==> flow/design.v <==
module mul_unit_rtl (CLK, in0, in1, out);
   parameter WD = 16;
   input CLK;
   input [WD-1:0] in0;
   input [WD-1:0] in1;
   output [WD-1:0] out;
   reg [WD-1:0] out_d1;
   always @(posedge CLK) begin
      out_d1 <= in0 * in1;
   end
   assign out = out_d1;
endmodule
==> Reports on mul_unit_rtl <==
What the tools print for mul_unit_rtl, step after step.
Line numbers count from 1 in the design file above.
Library cell names are shortened.
{ "design": {"top": "mul_unit_rtl", "clock": "CLK", "library": "sky130hd", "corner": "tt_025C_1v80"} }

==> Elaborated design <==
Source: Yosys, flattened and elaborated, memories not mapped. Widths are those after wreduce; folded enables and synchronous resets count as part of the registers. Registers that Yosys merges into a memory's read port (data or address) are not register bits. Print and check cells do not count. Equal cells are merged and count once.
{ "op_classes": {"n_mul": 1} }
{ "ops": {"columns": ["operator", "n"], "rows": [
  ["multiplier 16 x 16 -> 16 bit", 1]
]} }
{ "word_totals": {"word_cells": 2, "output_inout_bits": 16, "reg_bits": 16} }

==> Logic depth <==
Longest topological path by Yosys (ltp), each cell counted once; first at word level (registers and memories cut), then after technology mapping (sequential cells cut; the memories' decode and read muxes count).
{ "logic_depth": {"ltp_word": 1, "ABC_AREA": 0, "mapped_depth": 20, "ltp_nobuf": 19} }

==> Mapped cells and area <==
Yosys stat after the flow's synthesis: flattened, memories mapped to cells. It holds for the ABC_AREA given above (unset counts as 0); a run with the other value may have another netlist.
The area totals of this step are shown rounded.
{ "synth_totals": {"seq_area_um2": 320, "mapped_cells": 486, "synth_area_um2": 4300, "flip_flops": 16} }
{ "by_type": {"columns": ["cell", "n"], "rows": [
  ["fa_1", 80],
  ["ha_1", 49],
  ["inv_1", 114],
  ["and2_1", 55],
  ["dfxtp_1", 16],
  ["nand2_1", 75],
  ["xnor2_1", 28],
  ["xor2_1", 7],
  ["and2_2", 7],
  ["a21oi_1", 9],
  ["clkbuf_1", 12],
  ["a21o_1", 5],
  ["xnor2_2", 2],
  ["xnor2_4", 1],
  ["nor2_1", 6],
  ["xnor3_1", 1],
  ["nand2_2", 3],
  ["o21ai_1", 3]
]} }
Not listed: further types 13, cells in them 13.

==> Path before layout <==
OpenSTA on the mapped netlist: ideal clock, no wires. The path of least setup slack (recovery checks aside). Input and output delay are each 20% of the period. Register names are those of the netlist, which keeps one name where synthesis merged equal registers.
{ "synth_path": {"kind": "in2reg", "startpoint": "input in1[1]", "endpoint": "register out_d1[14]", "path_delay_ns": 4.640, "stages": 19, "required_time_ns": 7.127, "setup_slack_ns": 1.160, "path_buffers": 1, "setup_ns": 0.123, "period_ns": 7.25, "t_first_pin_ns": 1.450, "t_arrival_ns": 5.967, "period_less_setup_slack_ns": 6.09} }
"path_delay_ns" is the arrival time less input delay plus setup time.
"stages" counts driving pins, that of a launching flip-flop among them; a cell with two outputs on the path counts twice.
"period_less_setup_slack_ns" is the clock period less the worst setup slack; recovery checks do not enter. This is arithmetic on one report: input and output delays are still those of the set period (20% each).
The rows between start and end are the longest chain of elaborated cells between them; the timing report does not say that the signal goes this way. Where chains are equally long, one stands for them.
Each line given opens the expression or statement behind the cell; cells for indexed reads and writes are added by Yosys, which also makes memories of some case tables.
{ "synth_between": {"path_cell_list": "clkbuf_1 nand2_1 fa_1 fa_1 inv_1 fa_1 inv_1 fa_1 inv_1 fa_1 inv_1 fa_1 inv_1 ha_1 a21oi_1 o21ai_1 a31oi_1 a21oi_1 xor2_1", "elab_chain_len": 1, "cone_cells": 1, "cone_lines": 1, "cone_classes": "mul (1)"} }
{ "synth_rtl": {"columns": ["item", "line_no", "text"], "rows": [
  ["start, declared", 5, "input [WD-1:0] in1;"],
  ["multiplier 16 x 16 -> 16 bit", 9, "out_d1 <= in0 * in1;"],
  ["end, assigned", 9, null],
  ["end, declared", 7, "reg [WD-1:0] out_d1;"]
]} }

==> Timing after layout <==
From the final timing report of flow run 1: the path of least setup slack in the routed layout; clock arrival at registers is part of the times.
{ "layout_path": {"kind": "in2reg", "startpoint": "input in1[1]", "endpoint": "register out_d1[14]", "path_buffers": 2, "period_ns": 8.21, "required_time_ns": 8.35, "stages": 20, "t_first_pin_ns": 1.64, "setup_slack_ns": 1.01, "setup_ns": 0.11, "t_arrival_ns": 7.34} }
The rows between start and end are the longest chain of elaborated cells between them; the timing report does not say that the signal goes this way. Where chains are equally long, one stands for them.
{ "layout_between": {"path_cell_list": "clkdlybuf4s50_1 clkbuf_1 nand2_1 fa_1 fa_1 inv_1 fa_1 inv_1 fa_1 inv_1 fa_1 inv_1 fa_1 inv_1 ha_1 a21oi_1 o21ai_1 a31oi_1 a21oi_1 xor2_1", "elab_chain_len": 1, "cone_cells": 1, "cone_lines": 1, "cone_classes": "mul (1)"} }
{ "layout_rtl": {"columns": ["item", "line_no", "text"], "rows": [
  ["start, declared", 5, "input [WD-1:0] in1;"],
  ["multiplier 16 x 16 -> 16 bit", 9, "out_d1 <= in0 * in1;"],
  ["end, assigned", 9, null],
  ["end, declared", 7, "reg [WD-1:0] out_d1;"]
]} }

Subject: flow runs of mul_unit_rtl

Hi,

Design mul_unit_rtl on sky130hd. What follows are 3 stored runs of the flow, each under its own settings; their order means nothing. The constraints put input and output delay at 20% of the set period each and load the outputs with 0.01 pF.
"period_reached_ns" = clock period - worst setup slack. The figure is calculated, with input and output delays left at 20% of the set period.
Values from the reports are rounded here.
[
  {
    "run": "flow run 1",
    "settings": { "period_ns": 8.21, "CORE_UTILIZATION": 56, "HOLD_SLACK_MARGIN": 0.08, "ABC_AREA": 0, "GPL_TIMING_DRIVEN": 0, "CTS_CLUSTER_DIAMETER": 299, "CAP_MARGIN": 0, "CORE_MARGIN": 2, "SLEW_MARGIN": 20 },
    "results": { "fin_util_pct": 67, "post_synth_area_um2": 4300, "worstSetupSlack_ns": 1.0, "die_area_um2": 8400, "period_reached_ns": 7.204, "tns_setup_ns": 0.000 }
  },
  {
    "run": "flow run 2",
    "settings": { "period_ns": 7.25, "CAP_MARGIN": 20, "CORE_MARGIN": 2, "CORE_UTILIZATION": 40, "SLEW_MARGIN": 20 },
    "results": { "post_synth_area_um2": 4300, "fin_util_pct": 48, "worstSetupSlack_ns": 0.50, "die_area_um2": 12000, "period_reached_ns": 6.749, "tns_setup_ns": 0.000 }
  },
  {
    "run": "flow run 3",
    "settings": { "period_ns": 6.33, "CORE_UTILIZATION": 30, "SETUP_SLACK_MARGIN": 1.42, "PLACE_DENSITY": 0.55, "CELL_PAD_IN_SITES_GLOBAL_PLACEMENT": 0, "TNS_END_PERCENT": 50, "GPL_TIMING_DRIVEN": 0, "CTS_CLUSTER_DIAMETER": 67, "CAP_MARGIN": 0, "CORE_MARGIN": 2, "SLEW_MARGIN": 20 },
    "results": { "post_synth_area_um2": 4300, "tns_setup_ns": 0.000, "period_reached_ns": 5.711, "fin_util_pct": 40, "die_area_um2": 15000, "worstSetupSlack_ns": 0.62 }
  }
]

Regards
